==> flow/design.v <==
module times_n #(
  parameter integer BITS = 5
) (
  input  clk,
  input  rst_n,
  input  [BITS-1:0] lhs_i,
  output [2*BITS-1:0] out_o
);
  reg [2*BITS-1:0] out_s;
  always @(posedge clk or negedge rst_n) begin
    if (!rst_n) begin
      out_s <= 0;
    end else begin
      out_s <= lhs_i * lhs_i;
    end
  end
  assign out_o = out_s;
endmodule
Lab notebook: times_n

From RTL to reports: times_n
Module times_n in several versions that differ in "BITS"; each step lists the members.
The file above is the member BITS 5. Line numbers count from 1 in each member's own file.
Operators: Yosys type, input widths -> output width; for muxes data width and select width s.
Library cell names are shortened.
A cell with -- has no value.

design
  design top = times_n
  clock = clk
  library = sky130hd
  timing corner = tt_025C_1v80

Members of the sweep
New or changed lines of each further member against the RTL above, in its own file; lines it lacks are not shown.

lines new or changed
  BITS  line  RTL
  14    2     parameter integer BITS = 14
  18    2     parameter integer BITS = 18
  22    2     parameter integer BITS = 22

After elaboration
Counts by Yosys on the flattened word-level netlist (proc, flatten, opt, wreduce; memories kept). Register bits leave out memories and registers merged into their read ports (data or address); mux counts leave out enables and synchronous resets folded into registers. Print and check cells are left out. Cells with the same type and inputs are merged into one.

storage and ports
  BITS  bits in registers  input port bits  output and inout port bits  elaborated cells
  5     10                 7                10                          2
  14    28                 16               28                          2
  18    36                 20               36                          2
  22    44                 24               44                          2

cells by class
  BITS  multiply operators
  5     1
  14    1
  18    1
  22    1

operators with widths
  BITS  kind and count
  5     1 x $mul 5x5->10
  14    1 x $mul 14x14->28
  18    1 x $mul 18x18->36
  22    1 x $mul 22x22->44

Longest topological paths
Longest topological path by Yosys (ltp), each cell counted once; first at word level (registers and memories cut), then after technology mapping (sequential cells cut; the memories' decode and read muxes count).

depth
  BITS  depth after elaboration  ABC_AREA  depth in mapped cells  depth with buffers taken out
  5     1                        0         12                     11
  14    1                        0         21                     21
  18    1                        0         24                     21
  22    1                        0         25                     23

Synthesis result
The flow's flattened synthesis, as Yosys stat reports it; memories are mapped. The netlist is that of the ABC_AREA named above (0 if unset); the other value can give another one.
Totals and module areas in this step are rounded.

mapped netlist
  BITS  cell count  chip area (Yosys) (mm²)  sequential part of the area (mm²)  mapped flip-flops  buffers
  5     70          0.000697                 0.000225                           9                  2
  14    691         0.00641                  0.000676                           27                 16
  18    1137        0.0104                   0.000876                           35                 38
  22    1617        0.0151                   0.00108                            43                 65

cells by type
  BITS  type and count
  5     9 x dfrtp_1; 10 x ha_1; 3 x fa_1; 4 x xnor2_1; 8 x nand2_1; 4 x and2_1; 4 x a21oi_1; 5 x inv_1; 3 x nor2b_1; 2 x xor2_1; 2 x and2_2; 4 x nor2_1; 1 x o31ai_2; 1 x a21oi_2; 1 x a31o_1; 1 x a31o_2; 1 x and2b_2; 1 x and3_2; (+6)
  14    114 x fa_1; 91 x ha_1; 185 x inv_1; 27 x dfrtp_1; 70 x nand2_1; 26 x xnor2_1; 29 x and2_1; 20 x a21oi_1; 9 x xor2_1; 10 x a21o_1; 15 x o21ai_0; 17 x nor2_1; 15 x clkbuf_1; 5 x nand4_1; 4 x a211oi_1; 2 x a221oi_2; 1 x a221oi_4; 3 x a31o_2; (+48)
  18    217 x fa_1; 112 x ha_1; 329 x inv_1; 35 x dfrtp_1; 113 x nand2_1; 60 x and2_1; 18 x xnor2_1; 31 x a21oi_1; 29 x clkbuf_1; 28 x nor2_1; 12 x xor2_1; 10 x a21o_1; 14 x nor3_1; 13 x o21ai_0; 7 x o21a_1; 7 x o21bai_1; 8 x nand4_1; 6 x a211oi_1; (+88)
  22    341 x fa_1; 164 x ha_1; 444 x inv_1; 43 x dfrtp_1; 157 x nand2_1; 94 x and2_1; 30 x xnor2_1; 51 x a21oi_1; 55 x clkbuf_1; 23 x xor2_1; 18 x a21o_1; 33 x nor2_1; 23 x o21ai_0; 14 x nand4_1; 12 x nor3_1; 7 x o21bai_1; 8 x nor2b_1; 7 x and3_1; (+93)

A list marked (+n) leaves out that many cells.

Path before layout
Source: OpenSTA report_checks on the synthesized netlist (no wires, ideal clock, input and output delay 20% of the period each), path of least setup slack; recovery checks are left aside. Register names are those of the netlist, which keeps one name where synthesis merged equal registers.

timing path after synthesis
  BITS  path kind          start                end                 clock period (ns)  slack (ns)  stages  delay of the path (ns)  period reached after synthesis (ns)
  5     input -> register  input port lhs_i[1]  register out_s[8]   4.04               0.649       12      2.583                   3.391
  14    input -> register  input port lhs_i[5]  register out_s[21]  8.02               1.285       18      5.132                   6.735
  18    input -> register  input port lhs_i[9]  register out_s[32]  8.55               1.366       19      5.474                   7.184
  22    input -> register  input port lhs_i[7]  register out_s[32]  9.55               1.529       23      6.111                   8.021

"delay of the path" = arrival - input delay + setup time.
"stages" counts driving pins, that of a launching flip-flop among them; a cell with two outputs on the path counts twice.
"period reached after synthesis" = period - worst setup slack (recovery checks aside). The figure is calculated, with input and output delays left at 20% of the set period.
The rows between start and end are the longest chain of elaborated cells between them; the timing report does not say that the signal goes this way. Where chains are equally long, one stands for them.
Each line given opens the expression or statement behind the cell; cells for indexed reads and writes are added by Yosys, which also makes memories of some case tables.

on the way, after synthesis, BITS 5
  length of the longest elaborated chain = 1

RTL lines, path after synthesis, BITS 5
  element       line  RTL
  from (decl)   6     input  [BITS-1:0] lhs_i,
  $mul 5x5->10  14    out_s <= lhs_i * lhs_i;
  to (assign)   12    out_s <= 0;
  to (assign)   14
  to (decl)     9     reg [2*BITS-1:0] out_s;

on the way, after synthesis, BITS 22
  length of the longest elaborated chain = 1

RTL lines, path after synthesis, BITS 22
  element         line  RTL
  from (decl)     6     input  [BITS-1:0] lhs_i,
  $mul 22x22->44  14    out_s <= lhs_i * lhs_i;
  to (assign)     12    out_s <= 0;
  to (assign)     14
  to (decl)       9     reg [2*BITS-1:0] out_s;

Path in the finished layout
Path of least setup slack in the final report of each member's run (OpenROAD, finished layout, wires in). Where an end is a register, its clock arrival counts in the times.

timing path after layout
  BITS  path kind          start                 end                 clock period (ns)  slack (ns)  stages  data arrival time (ns)  path buffers
  5     input -> register  input port lhs_i[4]   register out_s[8]   4.04               0.35        12      3.82                    1
  14    input -> register  input port lhs_i[2]   register out_s[27]  8.02               0.51        20      7.66                    1
  18    input -> register  input port lhs_i[5]   register out_s[30]  8.55               0.65        19      8.06                    1
  22    input -> register  input port lhs_i[12]  register out_s[36]  9.55               0.77        21      8.93                    2

Measured runs
Settings and results of one run of the flow (Yosys, OpenROAD) for each member follow. The constraints put input and output delay at 20% of the set period each and load the outputs with 0.01 pF.

flow settings
  CAP_MARGIN = 20
  CORE_MARGIN = 2
  CORE_UTILIZATION = 40
  SLEW_MARGIN = 20

settings that differ
  BITS  period_ns
  5     4.04
  14    8.02
  18    8.55
  22    9.55

final reports
  BITS  post-synthesis cell area (mm²)  area of the die (mm²)  standard-cell area after routing (mm²)  utilization in the final report (%)  worst setup slack after layout (ns)  setup total negative slack (ns)  achieved period (ns)
  5     0.000697                        0.00209                0.00092                                 54.4                                 0.349                                0.000                            3.691
  14    0.00641                         0.017                  0.00722                                 45.8                                 0.508                                0.000                            7.512
  18    0.0104                          0.0273                 0.0115                                  44.7                                 0.646                                0.000                            7.904
  22    0.0151                          0.0393                 0.0165                                  44.2                                 0.770                                0.000                            8.780

"achieved period" = clock period - worst setup slack. The figure is calculated, with input and output delays left at 20% of the set period.
Measured values are rounded.
